==> flow/design.v <==
module core_reg_bank_blk #(
  parameter D = 20,
  parameter DATA_WIDTH = 8,
  parameter AWIDTH = $clog2(D)
) (
  input logic CLK,
  input logic clr,
  input logic we_in,
  input logic [AWIDTH-1:0] wr_idx_in,
  input logic [DATA_WIDTH-1:0] wr_data_in,
  input logic [AWIDTH-1:0] read_addr0_in,
  input logic [AWIDTH-1:0] read_addr1_in,
  output logic [DATA_WIDTH-1:0] q0_out,
  output logic [DATA_WIDTH-1:0] q1_out
);
  logic we_d1;
  logic [AWIDTH-1:0] wr_idx_d1;
  logic [DATA_WIDTH-1:0] wr_data_d1;
  always_ff @(posedge CLK) begin
    if (clr) begin
      we_d1 <= 1'b0;
      wr_idx_d1 <= 0;
      wr_data_d1 <= 0;
    end else begin
      we_d1 <= we_in;
      wr_idx_d1 <= wr_idx_in;
      wr_data_d1 <= wr_data_in;
    end
  end
  logic [DATA_WIDTH-1:0] ram [0:D-1];
  always_ff @(posedge CLK) begin
    if (clr) begin
      for (int k = 0; k < D; k++)
        ram[k] <= 0;
    end else if (we_d1) begin
      ram[wr_idx_d1] <= wr_data_d1;
    end
  end
  logic [AWIDTH-1:0] read_addr0_d1;
  logic [AWIDTH-1:0] read_addr1_d1;
  always_ff @(posedge CLK) begin
    if (clr) begin
      read_addr0_d1 <= 0;
      read_addr1_d1 <= 0;
    end else begin
      read_addr0_d1 <= read_addr0_in;
      read_addr1_d1 <= read_addr1_in;
    end
  end
  assign q0_out = ram[read_addr0_d1];
  assign q1_out = ram[read_addr1_d1];
endmodule
# Tool chain data of core_reg_bank_blk
# Tool output for the design above, in the order of the flow.
# Lines are those of the file above, counted from 1.
# A cell with - has no value.
# inputs
top_module,core_reg_bank_blk
clk_port,CLK
lib,sky130hd
lib_corner,tt_025C_1v80

# Elaborated design
# Counts by Yosys on the flattened word-level netlist (proc, flatten, opt, wreduce; memories kept). Print and check cells are left out. Cells with the same type and inputs are merged into one.
# Yosys's memory passes give these memory sizes; they may raise the number of words (mostly to a power of two), join words into wider ones and drop unused or constant bits.
# word_totals
regBits,14
mem_bits_rw,256
memories,1
input_bits,26
output_inout_bits,16
# memory_table
name,size,width,line_no,rtl
ram,32,8,30,logic [DATA_WIDTH-1:0] ram [0:D-1];
# classes
mux,9
# op_table
op,n
5-bit two-way mux,4
8-bit two-way mux,2
1-bit two-way mux,3

# Longest topological paths
# Yosys ltp: most cells in a row. Word level: on the elaborated netlist, between registers, memories and ports. Mapped: between sequential cells and ports; inverters and the memories' decode and read muxes count.
# logic_depth
word_depth,2
ABC_AREA,0
depth_mapped,5
depth_no_buf,3

# Netlist
# The flow's flattened synthesis, as Yosys stat reports it; memories are mapped. The netlist is that of the ABC_AREA named above (0 if unset); the other value can give another one.
# mapped
stdcells,766
area_um2,13744.4
ffs,280
n_buf,62
# by_type
type,n,type_area_um2
sky130_fd_sc_hd__edfxtp_1,256,7.69E+03
sky130_fd_sc_hd__mux4_2,160,3.6E+03
sky130_fd_sc_hd__and2_1,160,1000.96
sky130_fd_sc_hd__dfxtp_1,24,480.461
sky130_fd_sc_hd__mux2_2,16,180.173
sky130_fd_sc_hd__nor2b_1,24,150.144
sky130_fd_sc_hd__or2_2,20,125.12
sky130_fd_sc_hd__nor2_1,32,120.115
sky130_fd_sc_hd__clkbuf_1,30,112.608
sky130_fd_sc_hd__buf_4,12,90.086
sky130_fd_sc_hd__buf_1,16,60.058
sky130_fd_sc_hd__or3b_2,3,26.275
sky130_fd_sc_hd__buf_6,2,22.522
sky130_fd_sc_hd__nand3b_1,3,22.522
sky130_fd_sc_hd__nand4bb_1,2,22.522
sky130_fd_sc_hd__buf_2,2,10.01
sky130_fd_sc_hd__or4b_2,1,10.01
sky130_fd_sc_hd__nand4b_1,1,8.758
# Not listed: further types 2, cells in them 2.

# Timing after synthesis
# Path of least setup slack by OpenSTA after synthesis, without wires, with an ideal clock, recovery checks aside; 20% of the period is set as input and as output delay. Where synthesis merged equal registers, the netlist keeps one of their names.
# synth_path
path_type,register -> output
from,register (no name shown)
to,output q0_out[0]
tclk_ns,3.15
output_delay_ns,0.630
arrival_time_ns,2.013
t_required_ns,2.520
slack_ns,0.507
path_delay_ns,2.013
stages,6
path_buffers,2
synth_period_reached_ns,2.643
# "path_delay_ns" is the arrival time less input delay plus setup time.
# A path that ends at an output port has no setup time.
# "stages": output pins that drive a net of the path, with the launching flip-flop's if there is one; two outputs of one cell count as two.
# "synth_period_reached_ns" = period - worst setup slack (recovery checks aside). The figure is calculated, with input and output delays left at 20% of the set period.
# synth_between
cell_sequence,sky130_fd_sc_hd__dfxtp_1 sky130_fd_sc_hd__clkbuf_1 sky130_fd_sc_hd__buf_1 sky130_fd_sc_hd__mux4_2 sky130_fd_sc_hd__mux4_2 sky130_fd_sc_hd__mux2_2
# synth_rtl
item,line_no,rtl
to (decl),13,"output logic [DATA_WIDTH-1:0] q0_out,"
# Chain of elaborated cells between the ends: none given.

# Path in the finished layout
# Path of least setup slack in the final report of run 1 (OpenROAD, finished layout, wires in). Where an end is a register, its clock arrival counts in the times.
# layout_path
path_type,register -> output
from,register (no name shown)
to,output q0_out[6]
tclk_ns,3.15
output_delay_ns,0.63
arrival_time_ns,2.84
t_required_ns,2.52
slack_ns,-0.32
stages,7
path_buffers,3
# layout_between
cell_sequence,sky130_fd_sc_hd__dfxtp_4 sky130_fd_sc_hd__buf_8 sky130_fd_sc_hd__buf_16 sky130_fd_sc_hd__mux4_2 sky130_fd_sc_hd__mux4_2 sky130_fd_sc_hd__mux2_4 sky130_fd_sc_hd__buf_6
# layout_rtl
item,line_no,rtl
to (decl),13,"output logic [DATA_WIDTH-1:0] q0_out,"
# Chain of elaborated cells between the ends: none given.

# Top module core_reg_bank_blk; platform sky130hd; tools Yosys and OpenROAD; 2 stored runs in no particular order. Input and output delays are each 20% of the period that was set; the output load is 0.01 pF.
# "achieved_clock_period_ns" means the clock period less the worst setup slack. The figure is calculated, with input and output delays left at 20% of the set period.
# "critical_path_time_ns": the worst setup path's part of the clock period (all of it between registers, 20% less for each end at a port) less its slack. A launch clock that arrives late makes it longer, a capture clock that arrives late makes it shorter.
# "design_power_w": no workload was simulated; the value follows from the tool's default switching activity.
# Among the settings, - means not set for that run.
item,run 1,run 2
period_ns,3.15,3.41
CAP_MARGIN,20,20
CORE_MARGIN,2,2
CORE_UTILIZATION,40,40
SLEW_MARGIN,20,20
PLACE_DENSITY_LB_ADDON,-,0.2
TNS_END_PERCENT,-,60
ABC_AREA,-,0
GPL_ROUTABILITY_DRIVEN,-,1
MAX_ROUTING_LAYER,-,met4
post_synth_area_um2,13744.4,13744.4
die_footprint_um2,35859.1,35859.1
cell_area_final_um2,16877.4,16769.8
fin_util_pct,50.1,49.8
fin_ws_ns,-0.321,-0.133
setup_tns_ns,-4.299,-1.163
worst_hold_slack_ns,0.563,0.600
design_power_w,0.008885,0.008154
achieved_clock_period_ns,3.471,3.543
critical_path_time_ns,2.84,2.86
worst_setup_path_type,register -> output,register -> output
